==> flow/design.v <==
module cpu_selector_p #(
   parameter DW = 1
) (
   input wire CLK,
   input wire rst_i,
   input wire [DW-1:0] i_din0,
   input wire [DW-1:0] i_din1,
   input wire [DW-1:0] i_din2,
   input wire [DW-1:0] i_din3,
   input wire [DW-1:0] i_din4,
   input wire [DW-1:0] i_din5,
   input wire [DW-1:0] i_din6,
   input wire [DW-1:0] i_din7,
   input wire [6:0] i_s,
   output reg [DW-1:0] o_result
);
   reg [DW-1:0] din0_d1;
   reg [DW-1:0] din1_d1;
   reg [DW-1:0] din2_d1;
   reg [DW-1:0] din3_d1;
   reg [DW-1:0] din4_d1;
   reg [DW-1:0] din5_d1;
   reg [DW-1:0] din6_d1;
   reg [DW-1:0] din7_d1;
   reg [6:0] s_d1;
   always @(posedge CLK or posedge rst_i) begin
      if (rst_i) begin
         din0_d1 <= 0;
         din1_d1 <= 0;
         din2_d1 <= 0;
         din3_d1 <= 0;
         din4_d1 <= 0;
         din5_d1 <= 0;
         din6_d1 <= 0;
         din7_d1 <= 0;
         s_d1 <= 0;
      end else begin
         din0_d1 <= i_din0;
         din1_d1 <= i_din1;
         din2_d1 <= i_din2;
         din3_d1 <= i_din3;
         din4_d1 <= i_din4;
         din5_d1 <= i_din5;
         din6_d1 <= i_din6;
         din7_d1 <= i_din7;
         s_d1 <= i_s;
      end
   end
   reg [DW-1:0] val;
   always @(*) begin
      casez (s_d1)
         7'b??????1: val = din0_d1;
         7'b?????10: val = din1_d1;
         7'b????100: val = din2_d1;
         7'b???1000: val = din3_d1;
         7'b??10000: val = din4_d1;
         7'b?100000: val = din5_d1;
         7'b1000000: val = din6_d1;
         default: val = din7_d1;
      endcase
   end
   always @(posedge CLK or posedge rst_i) begin
      if (rst_i) begin
         o_result <= 0;
      end else begin
         o_result <= val;
      end
   end
endmodule
# Reports on cpu_selector_p
# A sweep over "DW": the same steps for each member of the family.
# The file above is the member DW 1. Line numbers count from 1 in each member's own file.
# Cell names lack the library's common part.
# Not given: -
[design] design="cpu_selector_p" clk_port="CLK" lib="sky130hd" pvt_corner="tt_025C_1v80"

# Members of the sweep
# Lines of each other member's file that are new or changed against the file above; lines that a member lacks are not shown.
[src_changes] DW=3 line_no=2 source="parameter DW = 3"
[src_changes] DW=8 line_no=2 source="parameter DW = 8"
[src_changes] DW=10 line_no=2 source="parameter DW = 10"
[src_changes] DW=12 line_no=2 source="parameter DW = 12"
[src_changes] DW=16 line_no=2 source="parameter DW = 16"
[src_changes] DW=64 line_no=2 source="parameter DW = 64"

# Elaborated design
# Counts by Yosys on the flattened word-level netlist (proc, flatten, opt, wreduce; memories kept). Register bits leave out memories and registers merged into their read ports (data or address); mux counts leave out enables and synchronous resets folded into registers. Print and check cells are left out. Cells with the same type and inputs are merged into one.
[word_totals] DW=1 ff_bits=16 input_bits=17
[word_totals] DW=3 ff_bits=34 input_bits=33
[word_totals] DW=8 ff_bits=79 input_bits=73
[word_totals] DW=10 ff_bits=97 input_bits=89
[word_totals] DW=12 ff_bits=115 input_bits=105
[word_totals] DW=16 ff_bits=151 input_bits=137
[word_totals] DW=64 ff_bits=583 input_bits=521
[classes] DW=1 mux=1 eq_ne=6
[classes] DW=3 mux=1 eq_ne=6
[classes] DW=8 mux=1 eq_ne=6
[classes] DW=10 mux=1 eq_ne=6
[classes] DW=12 mux=1 eq_ne=6
[classes] DW=16 mux=1 eq_ne=6
[classes] DW=64 mux=1 eq_ne=6
[ops] DW=1 op_list="7-bit == test with constant B (1); 1-bit parallel mux with 7-bit select (1); 6-bit == test with constant B (1); 5-bit == test with constant B (1); 4-bit == test with constant B (1); 3-bit == test with constant B (1); 2-bit == test with constant B (1)"
[ops] DW=3 op_list="3-bit parallel mux with 7-bit select (1); 7-bit == test with constant B (1); 6-bit == test with constant B (1); 5-bit == test with constant B (1); 4-bit == test with constant B (1); 3-bit == test with constant B (1); 2-bit == test with constant B (1)"
[ops] DW=8 op_list="8-bit parallel mux with 7-bit select (1); 7-bit == test with constant B (1); 6-bit == test with constant B (1); 5-bit == test with constant B (1); 4-bit == test with constant B (1); 3-bit == test with constant B (1); 2-bit == test with constant B (1)"
[ops] DW=10 op_list="10-bit parallel mux with 7-bit select (1); 7-bit == test with constant B (1); 6-bit == test with constant B (1); 5-bit == test with constant B (1); 4-bit == test with constant B (1); 3-bit == test with constant B (1); 2-bit == test with constant B (1)"
[ops] DW=12 op_list="12-bit parallel mux with 7-bit select (1); 7-bit == test with constant B (1); 6-bit == test with constant B (1); 5-bit == test with constant B (1); 4-bit == test with constant B (1); 3-bit == test with constant B (1); 2-bit == test with constant B (1)"
[ops] DW=16 op_list="16-bit parallel mux with 7-bit select (1); 7-bit == test with constant B (1); 6-bit == test with constant B (1); 5-bit == test with constant B (1); 4-bit == test with constant B (1); 3-bit == test with constant B (1); 2-bit == test with constant B (1)"
[ops] DW=64 op_list="64-bit parallel mux with 7-bit select (1); 7-bit == test with constant B (1); 6-bit == test with constant B (1); 5-bit == test with constant B (1); 4-bit == test with constant B (1); 3-bit == test with constant B (1); 2-bit == test with constant B (1)"

# Depth
# Yosys ltp: most cells in a row. Word level: on the elaborated netlist, between registers, memories and ports. Mapped: between sequential cells and ports; inverters and the memories' decode and read muxes count.
[depth] DW=1 depth_word=2 ABC_AREA=0 mapped_depth=3
[depth] DW=3 depth_word=2 ABC_AREA=0 mapped_depth=5
[depth] DW=8 depth_word=2 ABC_AREA=0 mapped_depth=5
[depth] DW=10 depth_word=2 ABC_AREA=0 mapped_depth=4
[depth] DW=12 depth_word=2 ABC_AREA=0 mapped_depth=5
[depth] DW=16 depth_word=2 ABC_AREA=0 mapped_depth=7
[depth] DW=64 depth_word=2 ABC_AREA=0 mapped_depth=6

# After synthesis
# Source: synth_stat.txt of the flow (Yosys; design flattened, memories mapped). It holds for the ABC_AREA given above (unset counts as 0); a run with the other value may have another netlist.
[types] DW=1 cell_types="dfrtp_1 (16); nor3b_1 (2); nor2b_1 (2); a211o_1 (1); o31a_1 (1); o41ai_1 (1); a211oi_1 (1); nand3b_1 (1); nor4_1 (1); o21ai_1 (1); inv_1 (1); nand2_1 (1)"
[types] DW=3 cell_types="dfrtp_1 (34); a21oi_1 (8); nand3b_1 (4); nand2_1 (7); a31oi_1 (4); a221oi_1 (2); nor2_1 (4); o21ai_0 (3); inv_1 (3); or4_4 (1); a222oi_1 (1); or4_1 (1); nand2b_1 (1); buf_2 (1); nor3_1 (1)"
[types] DW=8 cell_types="dfrtp_1 (79); nor4_2 (8); a22o_1 (8); a32oi_1 (8); o2111ai_1 (8); nand3b_1 (8); nand2b_1 (9); a31oi_1 (8); buf_6 (4); a21oi_1 (8); inv_1 (9); nor4_4 (1); buf_2 (3); nor4b_2 (1); buf_1 (3); or4_4 (1); or2_2 (1); clkbuf_1 (1); clkinv_1 (1)"
[types] DW=10 cell_types="dfrtp_1 (97); nor2b_1 (21); a32o_1 (10); o32a_1 (10); a2111oi_0 (9); nand3b_1 (10); a31oi_1 (10); inv_1 (12); nand2_1 (10); clkbuf_1 (7); a2111oi_2 (1); nor4b_2 (1); or4_1 (2); nor4_2 (1); buf_2 (2); buf_1 (1)"
[types] DW=12 cell_types="dfrtp_1 (115); nor2b_1 (25); a32o_1 (12); o32a_1 (12); a2111oi_0 (12); nand3b_1 (12); a31oi_1 (12); inv_1 (14); clkbuf_1 (12); nand2_1 (12); buf_6 (2); or4_4 (2); nor4b_1 (1); nor4_1 (1)"
[types] DW=16 cell_types="dfrtp_1 (151); nor2b_1 (33); a32o_1 (16); o32a_1 (16); a2111oi_0 (16); nand3b_1 (16); a31oi_1 (16); inv_1 (18); nand2_1 (16); clkbuf_1 (15); buf_6 (4); or4_4 (2); nor4b_2 (1); nor4_2 (1); buf_2 (1)"
[types] DW=64 cell_types="dfrtp_1 (583); a22o_1 (63); o221ai_1 (63); o22a_1 (63); a22oi_1 (64); o22ai_1 (63); nand2_1 (64); clkbuf_1 (40); buf_2 (21); buf_8 (6); nand2b_1 (3); a31oi_1 (2); and2_1 (2); nor4_2 (1); buf_6 (1); a221o_1 (1); a2bb2oi_1 (1); nor4b_1 (1); (+6)"
# The mark (+n) counts cells that are not listed.
[mapped] DW=1 mapped_cells=29 ffs=16 yosys_area_um2=488.0
[mapped] DW=3 mapped_cells=75 ffs=34 yosys_area_um2=1076.0
[mapped] DW=8 mapped_cells=169 ffs=79 yosys_area_um2=2660.1
[mapped] DW=10 mapped_cells=204 ffs=97 yosys_area_um2=3155.5
[mapped] DW=12 mapped_cells=244 ffs=115 yosys_area_um2=3747.3
[mapped] DW=16 mapped_cells=322 ffs=151 yosys_area_um2=4949.7
[mapped] DW=64 mapped_cells=1048 ffs=583 yosys_area_um2=17829.6

# Timing after synthesis
# Path of least setup slack by OpenSTA after synthesis, without wires, with an ideal clock, recovery checks aside; 20% of the period is set as input and as output delay. Where synthesis merged equal registers, the netlist keeps one of their names.
[synth_path] DW=1 path_kind="reg2reg" startpoint="reg s_d1[6]" endpoint="reg o_result" stages=4 clock_period_ns=1.15 path_slack_ns=0.229 delay_ns=0.921 synth_period_reached_ns=0.921
[synth_path] DW=3 path_kind="reg2reg" startpoint="reg s_d1[1]" endpoint="reg o_result[1]" stages=6 clock_period_ns=2.18 path_slack_ns=0.434 delay_ns=1.746 synth_period_reached_ns=1.746
[synth_path] DW=8 path_kind="reg2reg" startpoint="reg s_d1[1]" endpoint="reg o_result[0]" stages=6 clock_period_ns=1.91 path_slack_ns=0.385 delay_ns=1.525 synth_period_reached_ns=1.525
[synth_path] DW=10 path_kind="reg2reg" startpoint="reg s_d1[1]" endpoint="reg o_result[0]" stages=5 clock_period_ns=2.21 path_slack_ns=0.441 delay_ns=1.769 synth_period_reached_ns=1.769
[synth_path] DW=12 path_kind="reg2reg" startpoint="reg s_d1[1]" endpoint="reg o_result[10]" stages=6 clock_period_ns=2.34 path_slack_ns=0.467 delay_ns=1.873 synth_period_reached_ns=1.873
[synth_path] DW=16 path_kind="reg2reg" startpoint="reg s_d1[1]" endpoint="reg o_result[10]" stages=8 clock_period_ns=2.6 path_slack_ns=0.517 delay_ns=2.083 synth_period_reached_ns=2.083
[synth_path] DW=64 path_kind="reg2reg" startpoint="reg s_d1[1]" endpoint="reg o_result[30]" stages=7 clock_period_ns=1.84 path_slack_ns=0.368 delay_ns=1.472 synth_period_reached_ns=1.472
# "delay_ns" is the arrival time less input delay plus setup time.
# "stages" counts driving pins, that of a launching flip-flop among them; a cell with two outputs on the path counts twice.
# "synth_period_reached_ns" is the clock period less the worst setup slack; recovery checks do not enter. This is arithmetic on one report: input and output delays are still those of the set period (20% each).
# The rows between start and end are the longest chain of elaborated cells between them; the timing report does not say that the signal goes this way. Where chains are equally long, one stands for them.
# Each line given opens the expression or statement behind the cell; cells for indexed reads and writes are added by Yosys, which also makes memories of some case tables.
[synth_via_DW_1] elab_chain_len=2
[synth_lines_DW_1] element="start: declaration" line_no=25 source="reg [6:0] s_d1;"
[synth_lines_DW_1] element="start: assignment" line_no=36 source="s_d1 <= 0;"
[synth_lines_DW_1] element="start: assignment" line_no=46 source="s_d1 <= i_s;"
[synth_lines_DW_1] element="7-bit == test" line_no=51 source="casez (s_d1)"
[synth_lines_DW_1] element="1-bit parallel mux with 7-bit select" line_no=51
[synth_lines_DW_1] element="end: assignment" line_no=64 source="o_result <= 0;"
[synth_lines_DW_1] element="end: assignment" line_no=66 source="o_result <= val;"
[synth_lines_DW_1] element="end: declaration" line_no=15 source="output reg [DW-1:0] o_result"
[synth_via_DW_64] elab_chain_len=2
[synth_lines_DW_64] element="start: declaration" line_no=25 source="reg [6:0] s_d1;"
[synth_lines_DW_64] element="start: assignment" line_no=36 source="s_d1 <= 0;"
[synth_lines_DW_64] element="start: assignment" line_no=46 source="s_d1 <= i_s;"
[synth_lines_DW_64] element="7-bit == test" line_no=51 source="casez (s_d1)"
[synth_lines_DW_64] element="64-bit parallel mux with 7-bit select" line_no=51
[synth_lines_DW_64] element="end: assignment" line_no=64 source="o_result <= 0;"
[synth_lines_DW_64] element="end: assignment" line_no=66 source="o_result <= val;"
[synth_lines_DW_64] element="end: declaration" line_no=15 source="output reg [DW-1:0] o_result"

# Timing after layout
# From the final timing report of each member's run: the path of least setup slack in the routed layout; clock arrival at registers is part of the times.
[layout_path] DW=1 path_kind="reg2out" startpoint="reg o_result" endpoint="out o_result[0]" clock_period_ns=1.15 path_buffers=1 path_slack_ns=0.06 t_arrival_ns=0.86 stages=2
[layout_path] DW=3 path_kind="reg2reg" startpoint="reg s_d1[1]" endpoint="reg o_result[2]" clock_period_ns=2.18 path_buffers=0 path_slack_ns=0.33 t_arrival_ns=2.06 stages=5
[layout_path] DW=8 path_kind="reg2out" startpoint="reg o_result[7]" endpoint="out o_result[7]" clock_period_ns=1.91 path_buffers=1 path_slack_ns=0.27 t_arrival_ns=1.25 stages=2
[layout_path] DW=10 path_kind="reg2reg" startpoint="reg s_d1[1]" endpoint="reg o_result[4]" clock_period_ns=2.21 path_buffers=1 path_slack_ns=0.14 t_arrival_ns=2.37 stages=5
[layout_path] DW=12 path_kind="reg2reg" startpoint="reg s_d1[1]" endpoint="reg o_result[0]" clock_period_ns=2.34 path_buffers=0 path_slack_ns=0.44 t_arrival_ns=2.28 stages=4
[layout_path] DW=16 path_kind="reg2reg" startpoint="reg s_d1[1]" endpoint="reg o_result[8]" clock_period_ns=2.6 path_buffers=0 path_slack_ns=0.61 t_arrival_ns=2.27 stages=4
[layout_path] DW=64 path_kind="reg2reg" startpoint="reg s_d1[1]" endpoint="reg o_result[59]" clock_period_ns=1.84 path_buffers=3 path_slack_ns=0.11 t_arrival_ns=2.27 stages=8

# Layout results
# Settings and results of one run of the flow (Yosys, OpenROAD) for each member follow. The constraints put input and output delay at 20% of the set period each and load the outputs with 0.01 pF.
[flow_settings] CAP_MARGIN=20 CORE_MARGIN=2 CORE_UTILIZATION=40 SLEW_MARGIN=20
[settings_diff] DW=1 period_ns=1.15
[settings_diff] DW=3 period_ns=2.18
[settings_diff] DW=8 period_ns=1.91
[settings_diff] DW=10 period_ns=2.21
[settings_diff] DW=12 period_ns=2.34
[settings_diff] DW=16 period_ns=2.6
[settings_diff] DW=64 period_ns=1.84
[results] DW=1 final_setup_ws_ns=0.062 synthArea_um2=488.0 finish.utilization_pct=62.7 die_area_um2=1515.2 final_cell_area_um2=705.7
[results] DW=3 final_setup_ws_ns=0.332 synthArea_um2=1076.0 finish.utilization_pct=60.7 die_area_um2=3120.9 final_cell_area_um2=1530.2
[results] DW=8 final_setup_ws_ns=0.274 synthArea_um2=2660.1 finish.utilization_pct=59.1 die_area_um2=7318.8 final_cell_area_um2=3772.4
[results] DW=10 final_setup_ws_ns=0.140 synthArea_um2=3155.5 finish.utilization_pct=59.0 die_area_um2=8615.5 final_cell_area_um2=4536.9
[results] DW=12 final_setup_ws_ns=0.436 synthArea_um2=3747.3 finish.utilization_pct=61.7 die_area_um2=10158.6 final_cell_area_um2=5647.9
[results] DW=16 final_setup_ws_ns=0.611 synthArea_um2=4949.7 finish.utilization_pct=60.3 die_area_um2=13280.3 final_cell_area_um2=7269.5
[results] DW=64 final_setup_ws_ns=0.106 synthArea_um2=17829.6 finish.utilization_pct=60.8 die_area_um2=46278.8 final_cell_area_um2=26820.7
